==> flow/design.v <==
module reg_bank_rtl #(
    parameter int NUM_REGS = 10,
    parameter int W = 6,
    parameter int AW = $clog2(NUM_REGS)
) (
    input logic clk_i,
    input logic i_rst,
    input logic wr_in,
    input logic [AW-1:0] wsel_in,
    input logic [W-1:0] wd_in,
    input logic [AW-1:0] read_addr1_in,
    input logic [AW-1:0] read_addr2_in,
    output logic [W-1:0] rd1_out,
    output logic [W-1:0] rd2_out
);
    logic [W-1:0] array [NUM_REGS-1:0];
    always_ff @(posedge clk_i) begin
        if (wr_in)
            array[wsel_in] <= wd_in;
    end
    logic [W-1:0] rd1_s;
    assign rd1_out = rd1_s;
    logic [W-1:0] rd2_s;
    assign rd2_out = rd2_s;
    always_ff @(posedge clk_i) begin
        if (i_rst) begin
            rd1_s <= '0;
            rd2_s <= '0;
        end else begin
            rd1_s <= (wr_in && wsel_in == read_addr1_in) ? wd_in : array[read_addr1_in];
            rd2_s <= (wr_in && wsel_in == read_addr2_in) ? wd_in : array[read_addr2_in];
        end
    end
endmodule
* From RTL to reports: reg_bank_rtl
What the tools print for reg_bank_rtl, step after step. Lines are those of the file above, counted from 1. Operators carry their Yosys type and port widths (W data, S select, Z words). Library cell names are shortened. A cell with - has no value.
Set-up: design top reg_bank_rtl, clock clk_i, cell library sky130hd, corner tt_025C_1v80

* Word-level counts
Counts by Yosys on the flattened word-level netlist (proc, flatten, opt, wreduce; memories kept). Register bits leave out memories and registers merged into their read ports (data or address); mux counts leave out enables and synchronous resets folded into registers. Print and check cells are left out. Cells with the same type and inputs are merged into one. Yosys's memory passes give these memory sizes; they may raise the number of words (mostly to a power of two), join words into wider ones and drop unused or constant bits.
Operators by class: mux-type cells 3
Operators with widths (count):
- $mux W6 | 1
- $mux W4 | 1
- $mux W1 | 1
Storage and ports: register bits 0, memory bits (writable) 60, clocked read ports x word width 12, memories kept 1, input bits 21, output and inout bits 12
Memory list:
- array | depth 10, width 6, read ports 2, write ports 1, line 16 | logic [W-1:0] array [NUM_REGS-1:0];

* Logic depth
Yosys ltp: most cells in a row. Word level: on the elaborated netlist, between registers, memories and ports. Mapped: between sequential cells and ports; inverters and the memories' decode and read muxes count.
Depth: depth in word-level cells 1, ABC_AREA 0, mapped depth 7, mapped depth without buffers 4

* Synthesis result
The flow's flattened synthesis, as Yosys stat reports it; memories are mapped. The netlist is that of the ABC_AREA named above (0 if unset); the other value can give another one. Totals and module areas in this step are rounded.
Cells by type (count):
- edfxtp_1 | 60
- mux4_2 | 13
- dfxtp_1 | 12
- mux2i_1 | 21
- mux2_2 | 10
- o221ai_1 | 10
- a22oi_1 | 10
- xnor2_1 | 8
- nand3_1 | 11
- o21ai_0 | 11
- mux4_1 | 2
- nor2b_1 | 5
- nor2_1 | 8
- clkbuf_1 | 7
- buf_2 | 5
- buf_6 | 2
- nor3_1 | 4
- nand2b_1 | 3
Not listed: further types 17, cells in them 28.
Mapped netlist: cells in the netlist 230, cell area after synthesis 3400 µm², sequential area 2000 µm², flip-flop cells 72

* Timing after synthesis
OpenSTA on the mapped netlist: ideal clock, no wires. The path of least setup slack (recovery checks aside). Input and output delay are each 20% of the period. Register names are those of the netlist, which keeps one name where synthesis merged equal registers.
Path post-synthesis: path kind input to register, from input wsel_in[2], to memory array[0][0], period 2.12 ns, launch time at the first pin 0.424 ns, arrival 1.401 ns, data required time 1.743 ns, path slack 0.342 ns, delay of the path 1.354 ns, driving pins on the path 2, synthesis period reached 1.778 ns
"delay of the path" = arrival - input delay + setup time. "driving pins on the path" counts driving pins, that of a launching flip-flop among them; a cell with two outputs on the path counts twice. "synthesis period reached" = period - worst setup slack (recovery checks aside). The figure is calculated, with input and output delays left at 20% of the set period. The rows between start and end are the longest chain of elaborated cells between them; the timing report does not say that the signal goes this way. Where chains are equally long, one stands for them. Each line given opens the expression or statement behind the cell; cells for indexed reads and writes are added by Yosys, which also makes memories of some case tables.
On the way, post-synthesis: path through or3b_2 -> nor3_1, cells in the longest elaborated chain 1, elaborated cells between the ends (all ways) 1, those cells by class 1 x mux
RTL lines, path post-synthesis:
- from (decl) | line 9 | input logic [AW-1:0] wsel_in,
- $mux W4 | line 18 | if (wr_in)
- to (decl) | line 16 | logic [W-1:0] array [NUM_REGS-1:0];

* Worst path after layout
From the final timing report of job 1: the path of least setup slack in the routed layout; clock arrival at registers is part of the times.
Path post-layout: path kind input to register, from input read_addr1_in[1], to register rd1_s[4], period 2.12 ns, launch time at the first pin 0.42 ns, arrival 2.16 ns, data required time 2.35 ns, path slack 0.19 ns, driving pins on the path 5
On the way, post-layout: path through clkdlybuf4s50_1 -> mux4_1 -> mux4_2 -> o21ai_2 -> a21oi_2
RTL lines, path post-layout:
- from (decl) | line 11 | input logic [AW-1:0] read_addr1_in,
- to (decl) | line 21 | logic [W-1:0] rd1_s;
No chain of elaborated cells between the ends is given.

Stored flow runs of reg_bank_rtl (3 of them; Yosys, OpenROAD, sky130hd). They differ in their settings and are not a sequence. Constraints: input delay and output delay 20% of the set period each, output load 0.01 pF.
"achieved clock period" = clock period - worst setup slack. The figure is calculated, with input and output delays left at 20% of the set period.
"time used up by the worst setup path": the worst setup path's part of the clock period (all of it between registers, 20% less for each end at a port) less its slack. A launch clock that arrives late makes it longer, a capture clock that arrives late makes it shorter.
"total power after layout" is the tool's figure for a default switching activity; nothing was simulated.
Results are given in rounded form.

* Job 1 | settings: period_ns 2.12; CAP_MARGIN 20; CORE_MARGIN 2; CORE_UTILIZATION 40; SLEW_MARGIN 20 | results: total power after layout 3200 uW; setup slack of the worst path 0.19 ns; total negative slack on setup checks 0.000 ns; post-layout utilization 52 %; achieved clock period 1.934 ns; full die area 9200 µm²; post-synthesis cell area 3400 µm²; post-route worst hold slack 0.77 ns; time used up by the worst setup path 1.51 ns; critical path type input to register; standard-cell area of the final layout 4300 µm²
* Job 2 | settings: period_ns 2.8; CORE_UTILIZATION 56; PLACE_DENSITY_LB_ADDON 0.14; CORE_MARGIN 3; CELL_PAD_IN_SITES_DETAIL_PLACEMENT 2; CTS_CLUSTER_SIZE 62; CTS_CLUSTER_DIAMETER 260; SLEW_MARGIN 30; CAP_MARGIN 20 | incomplete, placement halted on DPL-0033
* Job 3 | settings: period_ns 3.33; CORE_UTILIZATION 19; SETUP_SLACK_MARGIN 0.24; CELL_PAD_IN_SITES_GLOBAL_PLACEMENT 2; ABC_AREA 0; GPL_TIMING_DRIVEN 0; GPL_ROUTABILITY_DRIVEN 1; CAP_MARGIN 5; CORE_MARGIN 2; SLEW_MARGIN 20 | results: total power after layout 2200 uW; setup slack of the worst path 0.73 ns; total negative slack on setup checks 0.000 ns; post-layout utilization 24 %; achieved clock period 2.602 ns; full die area 19000 µm²; post-synthesis cell area 3400 µm²; post-route worst hold slack 0.77 ns; time used up by the worst setup path 1.94 ns; critical path type input to register; standard-cell area of the final layout 4200 µm²
